==> flow/design.v <==
module core_mul #(
    parameter integer WD = 9
) (
    input  wire clock,
    input  wire RSTN,
    input  wire [WD-1:0] in_lhs,
    input  wire [WD-1:0] in_rhs,
    output wire [WD-1:0] out_out
);
    reg [WD-1:0] lhs_q;
    reg [WD-1:0] rhs_q;
    always @(posedge clock or negedge RSTN) begin
        if (!RSTN) begin
            lhs_q <= 0;
            rhs_q <= 0;
        end else begin
            lhs_q <= in_lhs;
            rhs_q <= in_rhs;
        end
    end
    assign out_out = lhs_q * rhs_q;
endmodule
--- tool output ---
## Reports on core_mul

A sweep over "WD": the same steps for each member of the family.
The RTL above is that of WD 9; lines are counted from 1 in the file of the member named.
Operators: Yosys type, input widths -> output width; for muxes data width and select width s.
A cell with - has no value.

- Top module: core_mul
- Clock port: clock
- Standard-cell library: sky130hd
- Corner: tt_025C_1v80

## Members of the sweep

New or changed lines of each further member against the RTL above, in its own file; lines it lacks are not shown.

Lines new or changed:

| WD | line | text |
|---|---|---|
| 16 | 2 | `parameter integer WD = 16` |
| 18 | 2 | `parameter integer WD = 18` |
| 28 | 2 | `parameter integer WD = 28` |
| 40 | 2 | `parameter integer WD = 40` |

## After elaboration

Yosys after proc, flatten, opt, wreduce and memory -nomap, before mapping. Enables and synchronous resets that opt folds into registers are not counted as muxes. Memory bits, and registers merged into a memory's read port (data or address), are not among the register bits. Print and check cells are not counted. Equal cells are merged and count once.

Storage and ports:

| WD | register bits after elaboration | output and inout bits | elaborated cells |
|---|---|---|---|
| 9 | 18 | 9 | 3 |
| 16 | 32 | 16 | 3 |
| 18 | 36 | 18 | 3 |
| 28 | 56 | 28 | 3 |
| 40 | 80 | 40 | 3 |

Cells by class:

| WD | multipliers |
|---|---|
| 9 | 1 |
| 16 | 1 |
| 18 | 1 |
| 28 | 1 |
| 40 | 1 |

Operators by type and width:

| WD | kind and count |
|---|---|
| 9 | $mul 9x9->9: 1 |
| 16 | $mul 16x16->16: 1 |
| 18 | $mul 18x18->18: 1 |
| 28 | $mul 28x28->28: 1 |
| 40 | $mul 40x40->40: 1 |

## Longest topological paths

Depth = most cells in a row (Yosys ltp): at word level without a register or memory, in the mapped netlist without a sequential cell, where the memories' decode and read muxes count.

Depth:

| WD | word-level depth | ABC_AREA | depth in mapped cells | gate-level depth less buffers |
|---|---|---|---|---|
| 9 | 1 | 0 | 14 | 14 |
| 16 | 1 | 0 | 20 | 19 |
| 18 | 1 | 0 | 20 | 19 |
| 28 | 1 | 0 | 25 | 23 |
| 40 | 1 | 0 | 28 | 26 |

## Mapped cells and area

Yosys stat after the flow's synthesis: flattened, memories mapped to cells. It holds for the ABC_AREA given above (unset counts as 0); a run with the other value may have another netlist.
The area totals of this step are shown rounded.

Cell types:

| WD | type and count |
|---|---|
| 9 | sky130_fd_sc_hd__dfrtp_1: 18; sky130_fd_sc_hd__fa_1: 18; sky130_fd_sc_hd__ha_1: 17; sky130_fd_sc_hd__nand2_1: 30; sky130_fd_sc_hd__inv_1: 27; sky130_fd_sc_hd__and2_1: 15; sky130_fd_sc_hd__xnor2_1: 8; sky130_fd_sc_hd__xnor3_1: 3; sky130_fd_sc_hd__xor2_1: 4; sky130_fd_sc_hd__a21o_1: 2; sky130_fd_sc_hd__a21oi_1: 2; sky130_fd_sc_hd__clkbuf_1: 1 |
| 16 | sky130_fd_sc_hd__fa_1: 80; sky130_fd_sc_hd__dfrtp_1: 32; sky130_fd_sc_hd__ha_1: 49; sky130_fd_sc_hd__inv_1: 113; sky130_fd_sc_hd__and2_1: 62; sky130_fd_sc_hd__nand2_1: 78; sky130_fd_sc_hd__xnor2_1: 29; sky130_fd_sc_hd__xor2_1: 8; sky130_fd_sc_hd__a21oi_1: 9; sky130_fd_sc_hd__clkbuf_1: 12; sky130_fd_sc_hd__a21o_1: 4; sky130_fd_sc_hd__nor2_1: 6; sky130_fd_sc_hd__xnor3_1: 1; sky130_fd_sc_hd__o21ai_0: 4; sky130_fd_sc_hd__xnor2_2: 1; sky130_fd_sc_hd__a211oi_2: 1; sky130_fd_sc_hd__and3_1: 2; sky130_fd_sc_hd__or4_4: 1; [+9] |
| 18 | sky130_fd_sc_hd__fa_1: 109; sky130_fd_sc_hd__dfrtp_1: 36; sky130_fd_sc_hd__ha_1: 53; sky130_fd_sc_hd__and2_1: 105; sky130_fd_sc_hd__inv_1: 157; sky130_fd_sc_hd__xnor2_1: 34; sky130_fd_sc_hd__nand2_1: 69; sky130_fd_sc_hd__xor2_1: 7; sky130_fd_sc_hd__clkbuf_1: 16; sky130_fd_sc_hd__o21a_1: 5; sky130_fd_sc_hd__a21oi_1: 6; sky130_fd_sc_hd__o21ai_0: 5; sky130_fd_sc_hd__xnor3_1: 1; sky130_fd_sc_hd__a21o_1: 2; sky130_fd_sc_hd__nor2_1: 4; sky130_fd_sc_hd__nor3_1: 3; sky130_fd_sc_hd__clkbuf_2: 2; sky130_fd_sc_hd__o31a_1: 1; [+8] |
| 28 | sky130_fd_sc_hd__fa_1: 303; sky130_fd_sc_hd__inv_1: 396; sky130_fd_sc_hd__and2_1: 234; sky130_fd_sc_hd__dfrtp_1: 56; sky130_fd_sc_hd__ha_1: 107; sky130_fd_sc_hd__nand2_1: 175; sky130_fd_sc_hd__xnor2_1: 61; sky130_fd_sc_hd__clkbuf_1: 56; sky130_fd_sc_hd__xor2_1: 13; sky130_fd_sc_hd__a21o_1: 10; sky130_fd_sc_hd__a21oi_1: 13; sky130_fd_sc_hd__o21bai_1: 5; sky130_fd_sc_hd__a21oi_2: 4; sky130_fd_sc_hd__a311oi_4: 1; sky130_fd_sc_hd__o22ai_2: 2; sky130_fd_sc_hd__o21a_1: 3; sky130_fd_sc_hd__o31a_1: 2; sky130_fd_sc_hd__a41oi_2: 1; [+37] |
| 40 | sky130_fd_sc_hd__fa_1: 671; sky130_fd_sc_hd__and2_1: 474; sky130_fd_sc_hd__inv_1: 724; sky130_fd_sc_hd__ha_1: 164; sky130_fd_sc_hd__dfrtp_1: 80; sky130_fd_sc_hd__nand2_1: 361; sky130_fd_sc_hd__xnor2_1: 85; sky130_fd_sc_hd__clkbuf_1: 143; sky130_fd_sc_hd__xor2_1: 21; sky130_fd_sc_hd__a21oi_1: 22; sky130_fd_sc_hd__a21o_1: 14; sky130_fd_sc_hd__nor2_1: 17; sky130_fd_sc_hd__o21a_1: 8; sky130_fd_sc_hd__o21ai_0: 12; sky130_fd_sc_hd__nand2b_1: 6; sky130_fd_sc_hd__o21bai_1: 4; sky130_fd_sc_hd__o21ai_1: 5; sky130_fd_sc_hd__a211oi_1: 3; [+37] |

The mark [+n] counts cells that are not listed.

Mapped netlist:

| WD | cell count | mapped area (sq mm) | sequential part of the area (sq mm) | flip-flops | buffers |
|---|---|---|---|---|---|
| 9 | 145 | 0.0015 | 0.00045 | 18 | 1 |
| 16 | 501 | 0.0047 | 0.0008 | 32 | 13 |
| 18 | 623 | 0.0059 | 0.0009 | 36 | 18 |
| 28 | 1479 | 0.014 | 0.0014 | 56 | 61 |
| 40 | 2851 | 0.027 | 0.002 | 80 | 143 |

## Timing after synthesis

OpenSTA on the mapped netlist: ideal clock, no wires. The path of least setup slack (recovery checks aside). Input and output delay are each 20% of the period. Register names are those of the netlist, which keeps one name where synthesis merged equal registers.

Path after synthesis:

| WD | path type | start point | end point | clock period (ps) | slack (ps) | stages | path delay (ps) | synthesis period reached (ps) |
|---|---|---|---|---|---|---|---|---|
| 9 | reg-to-output | reg rhs_q[0] | out out_out[8] | 6300 | 1006 | 15 | 4034 | 5294 |
| 16 | reg-to-output | reg rhs_q[1] | out out_out[14] | 7820 | 1254 | 20 | 5002 | 6566 |
| 18 | reg-to-output | reg rhs_q[3] | out out_out[16] | 7980 | 1275 | 19 | 5109 | 6705 |
| 28 | reg-to-output | reg lhs_q[8] | out out_out[26] | 9750 | 1559 | 25 | 6241 | 8191 |
| 40 | reg-to-output | reg rhs_q[4] | out out_out[37] | 10500 | 1675 | 26 | 6725 | 8825 |

"path delay" = arrival - input delay + setup time.
A path that ends at an output port has no setup time.
"stages": output pins that drive a net of the path, with the launching flip-flop's if there is one; two outputs of one cell count as two.
"synthesis period reached" is the clock period less the worst setup slack; recovery checks do not enter. This is arithmetic on one report: input and output delays are still those of the set period (20% each).
Between the ends stands the longest chain of elaborated cells between them, by number of cells; it is not shown to be the way that was timed. Of several equally long chains one is given.
A line is the first line of the expression or statement that the cell stems from. Yosys adds cells for indexed reads and writes and turns some case tables into memories.

On the way, after synthesis, WD 9:
- Length of the longest elaborated chain: 1

Ends and longest elaborated chain, after synthesis, WD 9:

| what | line | text |
|---|---|---|
| start: declaration | 11 | `reg [WD-1:0] rhs_q;` |
| start: assignment | 15 | `rhs_q <= 0;` |
| start: assignment | 18 | `rhs_q <= in_rhs;` |
| $mul 9x9->9 | 21 | `assign out_out = lhs_q * rhs_q;` |
| end: declaration | 8 | `output wire [WD-1:0] out_out` |

On the way, after synthesis, WD 40:
- Length of the longest elaborated chain: 1

Ends and longest elaborated chain, after synthesis, WD 40:

| what | line | text |
|---|---|---|
| start: declaration | 11 | `reg [WD-1:0] rhs_q;` |
| start: assignment | 15 | `rhs_q <= 0;` |
| start: assignment | 18 | `rhs_q <= in_rhs;` |
| $mul 40x40->40 | 21 | `assign out_out = lhs_q * rhs_q;` |
| end: declaration | 8 | `output wire [WD-1:0] out_out` |

## Worst path after layout

From the final timing report of the run of each member: the path of least setup slack in the routed layout; clock arrival at registers is part of the times.
The path's times are printed in steps of 10 ps; the period is the one set.

Path post-layout:

| WD | path type | start point | end point | clock period (ps) | slack (ps) | stages | data arrival time (ps) | path buffers |
|---|---|---|---|---|---|---|---|---|
| 9 | reg-to-output | reg lhs_q[3] | out out_out[8] | 6300 | 520 | 15 | 4520 | 1 |
| 16 | reg-to-output | reg rhs_q[4] | out out_out[14] | 7820 | 280 | 21 | 5980 | 1 |
| 18 | reg-to-output | reg lhs_q[10] | out out_out[16] | 7980 | 330 | 19 | 6050 | 1 |
| 28 | reg-to-output | reg rhs_q[2] | out out_out[26] | 9750 | 440 | 23 | 7360 | 2 |
| 40 | reg-to-output | reg rhs_q[7] | out out_out[39] | 10500 | 370 | 27 | 8030 | 4 |

## Flow runs

One run of the flow (Yosys, OpenROAD) for each member, with settings and measured results. Input and output delays are each 20% of the period that was set; the output load is 0.01 pF.

- CAP_MARGIN: 20
- CORE_MARGIN: 2
- CORE_UTILIZATION: 40
- SLEW_MARGIN: 20

Settings that differ:

| WD | period_ns |
|---|---|
| 9 | 6.3 |
| 16 | 7.82 |
| 18 | 7.98 |
| 28 | 9.75 |
| 40 | 10.5 |

Final reports:

| WD | area of the synthesized netlist (sq mm) | die outline area (sq mm) | standard-cell area after layout (sq mm) | worst setup slack after layout (ps) | total negative slack on setup checks (ps) |
|---|---|---|---|---|---|
| 9 | 0.0015 | 0.0043 | 0.0019 | 520 | 0 |
| 16 | 0.0047 | 0.013 | 0.0056 | 280 | 0 |
| 18 | 0.0059 | 0.016 | 0.0068 | 330 | 0 |
| 28 | 0.014 | 0.036 | 0.015 | 440 | 0 |
| 40 | 0.027 | 0.069 | 0.03 | 370 | 0 |

Values from the reports are rounded here.
--- end ---
